==> flow/design.v <==
module adder #(
   parameter integer DATA_W = 8
) (
   input wire sys_clk,
   input wire [DATA_W-1:0] x_i,
   input wire [DATA_W-1:0] y_i,
   output wire [DATA_W:0] sum_o
);
   reg [DATA_W-1:0] x_ff;
   reg [DATA_W-1:0] y_ff;
   reg [DATA_W:0] sum_ff;
   always @(posedge sys_clk) begin
      x_ff <= x_i;
      y_ff <= y_i;
      sum_ff <= x_ff + y_ff;
   end
   assign sum_o = sum_ff;
endmodule
==> Reports on adder <==
Tool output for the design above, in the order of the flow.
Line numbers count from 1 in the design file above.
Operators: Yosys type, input widths -> output width; for muxes data width and select width s.
Library cell names are shortened.
{ "inputs": {"top_module": "adder", "clock_port": "sys_clk", "lib": "sky130hd", "lib_corner": "tt_025C_1v80"} }

==> Word level <==
Counts by Yosys on the flattened word-level netlist (proc, flatten, opt, wreduce; memories kept). Register bits leave out memories and registers merged into their read ports (data or address); mux counts leave out enables and synchronous resets folded into registers. Print and check cells are left out. Cells with the same type and inputs are merged into one.
{ "bits": {"register_bits": 25, "latch_bits": 0, "ram_bits": 0, "mem_bits_ro": 0, "clocked_rd_ports_x_width": 0, "mem_count": 0, "in_bits": 17, "out_inout_bits": 9, "elab_cells": 4} }
{ "classes": {"n_addsub": 1, "n_mul": 0, "n_div": 0, "compare": 0, "n_eq": 0, "shifts": 0, "muxes": 0, "n_logic": 0, "reduce_logical": 0} }
{ "ops": {"columns": ["op", "n"], "rows": [
  ["$add 8x8->9", 1]
]} }

==> Logic depth <==
Depth = most cells in a row (Yosys ltp): at word level without a register or memory, in the mapped netlist without a sequential cell, where the memories' decode and read muxes count.
{ "depth": {"depth_word": 1, "ABC_AREA": 0, "depth_mapped": 6, "depth_no_buf": 6} }

==> Synthesis result <==
Source: synth_stat.txt of the flow (Yosys; design flattened, memories mapped). It holds for the ABC_AREA given above (unset counts as 0); a run with the other value may have another netlist.
The area totals of this step are shown rounded.
{ "mapped": {"stdcells": 67, "mapped_area_um2": 824.5, "sequential_area_um2": 500.5, "ff_cells": 25, "buffers": 0} }
{ "types": {"columns": ["cell_type", "n", "area_total_um2"], "rows": [
  ["dfxtp_1", 25, 500.48],
  ["ha_1", 8, 100.096],
  ["a21oi_1", 5, 25.024],
  ["a311o_1", 2, 20.019],
  ["fa_1", 1, 20.019],
  ["xnor2_1", 2, 17.517],
  ["xor2_1", 2, 17.517],
  ["a21o_1", 2, 15.014],
  ["nor2b_1", 2, 12.512],
  ["nand2_1", 3, 11.261],
  ["mux2i_1", 1, 10.01],
  ["nand3_1", 2, 10.01],
  ["nor3_1", 2, 10.01],
  ["a2111oi_0", 1, 8.758],
  ["a221oi_1", 1, 8.758],
  ["inv_1", 2, 7.507],
  ["nor2_1", 2, 7.507],
  ["o21bai_1", 1, 7.507]
]} }
Other cell types: 3; their cells: 3.

==> Timing after synthesis <==
Path of least setup slack by OpenSTA after synthesis, without wires, with an ideal clock, recovery checks aside; 20% of the period is set as input and as output delay. Where synthesis merged equal registers, the netlist keeps one of their names.
{ "synth_path": {"path_kind": "reg-to-reg", "from": "register x_ff[0]", "to": "register sum_ff[8]", "tclk_ns": 1.81, "setup_ns": 0.124, "launch_ns": 0.000, "t_arrival_ns": 1.323, "t_required_ns": 1.686, "slack_ns": 0.363, "delay_ns": 1.447, "driving_pins": 7, "n_path_buf": 0, "period_less_setup_slack_ns": 1.447} }
"delay_ns" = arrival - input delay + setup time.
"driving_pins": output pins that drive a net of the path, with the launching flip-flop's if there is one; two outputs of one cell count as two.
"period_less_setup_slack_ns" = period - worst setup slack (recovery checks aside). The figure is calculated, with input and output delays left at 20% of the set period.
Between the ends stands the longest chain of elaborated cells between them, by number of cells; it is not shown to be the way that was timed. Of several equally long chains one is given.
A line is the first line of the expression or statement that the cell stems from. Yosys adds cells for indexed reads and writes and turns some case tables into memories.
{ "synth_between": {"cell_sequence": "dfxtp_1 -> ha_1 -> fa_1 -> a21oi_1 -> nor2_1 -> nor2_1 -> o21ai_0", "elab_chain_cells": 1, "cone_cells": 1, "lines_between": 1, "classes_between": "add/sub: 1"} }
{ "synth_rtl": {"columns": ["item", "line_no", "text"], "rows": [
  ["start, declared", 9, "reg [DATA_W-1:0] x_ff;"],
  ["start, assigned", 13, "x_ff <= x_i;"],
  ["$add 8x8->9", 15, "sum_ff <= x_ff + y_ff;"],
  ["end, assigned", 15, null],
  ["end, declared", 11, "reg [DATA_W:0] sum_ff;"]
]} }

==> Timing after layout <==
From the final timing report of entry B: the path of least setup slack in the routed layout; clock arrival at registers is part of the times.
{ "layout_path": {"path_kind": "reg-to-reg", "from": "register x_ff[0]", "to": "register sum_ff[8]", "tclk_ns": 1.81, "setup_ns": 0.10, "launch_ns": 0.30, "t_arrival_ns": 1.79, "t_required_ns": 2.02, "slack_ns": 0.23, "driving_pins": 7, "n_path_buf": 0} }
Between the ends stands the longest chain of elaborated cells between them, by number of cells; it is not shown to be the way that was timed. Of several equally long chains one is given.
{ "layout_between": {"cell_sequence": "dfxtp_1 -> ha_1 -> fa_1 -> a21oi_1 -> nor2_1 -> nor2_1 -> o21ai_0", "elab_chain_cells": 1, "cone_cells": 1, "lines_between": 1, "classes_between": "add/sub: 1"} }
{ "layout_rtl": {"columns": ["item", "line_no", "text"], "rows": [
  ["start, declared", 9, "reg [DATA_W-1:0] x_ff;"],
  ["start, assigned", 13, "x_ff <= x_i;"],
  ["$add 8x8->9", 15, "sum_ff <= x_ff + y_ff;"],
  ["end, assigned", 15, null],
  ["end, declared", 11, "reg [DATA_W:0] sum_ff;"]
]} }

--- measured runs ---
Record of 3 stored runs of the RTL-to-layout flow on adder, platform sky130hd. The runs are unordered. Constraints: input delay and output delay 20% of the set period each, output load 0.01 pF.
"timing.achieved_period_ns" = clock period - worst setup slack. The figure is calculated, with input and output delays left at 20% of the set period.
"worst_path_time_ns" means the part of the period allowed to the worst setup path (the constraints hold back 20% at inputs and 20% at outputs) less its slack; where the path has registers, the arrival times of their clocks count too.
"power_w": no workload was simulated; the value follows from the tool's default switching activity.
Results are given in rounded form.

Entry A
==> flow/run.sh <==
#!/bin/bash
# the make line also repeats the synthesis and layout settings of config.mk as NAME=value (left out here)
make -C /OpenROAD-flow-scripts/flow DESIGN_CONFIG=/design/flow/config.mk WORK_HOME=/design/flow/orfs CLKGATE_MAP_FILE= finish
==> flow/config.mk <==
export PLATFORM = sky130hd
export DESIGN_NAME = adder
export DESIGN_NICKNAME = adder
export VERILOG_FILES = /design/flow/design.v
export SDC_FILE = /design/flow/constraint.sdc
export NUM_CORES = 4
export LEC_CHECK = 0
export CAP_MARGIN = 5
export CORE_MARGIN = 2
export CORE_UTILIZATION = 65
export CTS_CLUSTER_DIAMETER = 252
export GPL_TIMING_DRIVEN = 0
export PLACE_DENSITY = 0.43
export SETUP_SLACK_MARGIN = 0.38
export SLEW_MARGIN = 10
export TNS_END_PERCENT = 40
==> flow/constraint.sdc <==
create_clock -name core_clock -period 1.7 [get_ports {sys_clk}]
set_input_delay 0.3400 -clock core_clock [delete_from_list [all_inputs] [get_ports {sys_clk}]]
set_output_delay 0.3400 -clock core_clock [all_outputs]
set_load 0.01 [all_outputs]

==> results of entry A, as JSON <==
{
  "outcome": "did not finish, placement stopped with GPL-0301"
}

Entry B
==> flow/run.sh <==
#!/bin/bash
# the make line also repeats the synthesis and layout settings of config.mk as NAME=value (left out here)
make -C /OpenROAD-flow-scripts/flow DESIGN_CONFIG=/design/flow/config.mk WORK_HOME=/design/flow/orfs CLKGATE_MAP_FILE= finish
==> flow/config.mk <==
export PLATFORM = sky130hd
export DESIGN_NAME = adder
export DESIGN_NICKNAME = adder
export VERILOG_FILES = /design/flow/design.v
export SDC_FILE = /design/flow/constraint.sdc
export NUM_CORES = 4
export LEC_CHECK = 0
export CAP_MARGIN = 20
export CORE_MARGIN = 2
export CORE_UTILIZATION = 40
export SLEW_MARGIN = 20
==> flow/constraint.sdc <==
create_clock -name core_clock -period 1.81 [get_ports {sys_clk}]
set_input_delay 0.3620 -clock core_clock [delete_from_list [all_inputs] [get_ports {sys_clk}]]
set_output_delay 0.3620 -clock core_clock [all_outputs]
set_load 0.01 [all_outputs]

==> results of entry B, as JSON <==
{
  "setup_worst_slack_ns": 0.231,
  "post_synth_area_um2": 824.5,
  "post_route_util_pct": 57.8,
  "setup_tns_ns": 0.000,
  "timing.achieved_period_ns": 1.579,
  "post_route_stdcell_area_um2": 1135,
  "worst_path_time_ns": 1.58,
  "critical_path_type": "reg-to-reg",
  "holdWs_ns": 0.473,
  "design.die.area_um2": 2440,
  "power_w": 0.001078
}

Entry C
==> flow/run.sh <==
#!/bin/bash
# the make line also repeats the synthesis and layout settings of config.mk as NAME=value (left out here)
make -C /OpenROAD-flow-scripts/flow DESIGN_CONFIG=/design/flow/config.mk WORK_HOME=/design/flow/orfs CLKGATE_MAP_FILE= finish
==> flow/config.mk <==
export PLATFORM = sky130hd
export DESIGN_NAME = adder
export DESIGN_NICKNAME = adder
export VERILOG_FILES = /design/flow/design.v
export SDC_FILE = /design/flow/constraint.sdc
export NUM_CORES = 4
export LEC_CHECK = 0
export ABC_AREA = 1
export CAP_MARGIN = 20
export CELL_PAD_IN_SITES_DETAIL_PLACEMENT = 2
export CELL_PAD_IN_SITES_GLOBAL_PLACEMENT = 1
export CORE_MARGIN = 2
export CORE_UTILIZATION = 24
export CTS_CLUSTER_DIAMETER = 77
export GPL_ROUTABILITY_DRIVEN = 1
export MIN_ROUTING_LAYER = met2
export PLACE_DENSITY = 0.71
export SETUP_SLACK_MARGIN = 0.11
export SLEW_MARGIN = 20
export TNS_END_PERCENT = 80
==> flow/constraint.sdc <==
create_clock -name core_clock -period 1.21 [get_ports {sys_clk}]
set_input_delay 0.2420 -clock core_clock [delete_from_list [all_inputs] [get_ports {sys_clk}]]
set_output_delay 0.2420 -clock core_clock [all_outputs]
set_load 0.01 [all_outputs]

==> results of entry C, as JSON <==
{
  "post_route_stdcell_area_um2": 1349,
  "timing.achieved_period_ns": 1.433,
  "post_route_util_pct": 39.5,
  "worst_path_time_ns": 1.43,
  "critical_path_type": "reg-to-reg",
  "design.die.area_um2": 4154,
  "power_w": 0.001744,
  "setup_worst_slack_ns": -0.223,
  "post_synth_area_um2": 877.1,
  "setup_tns_ns": -0.762,
  "holdWs_ns": 0.330
}
--- end ---
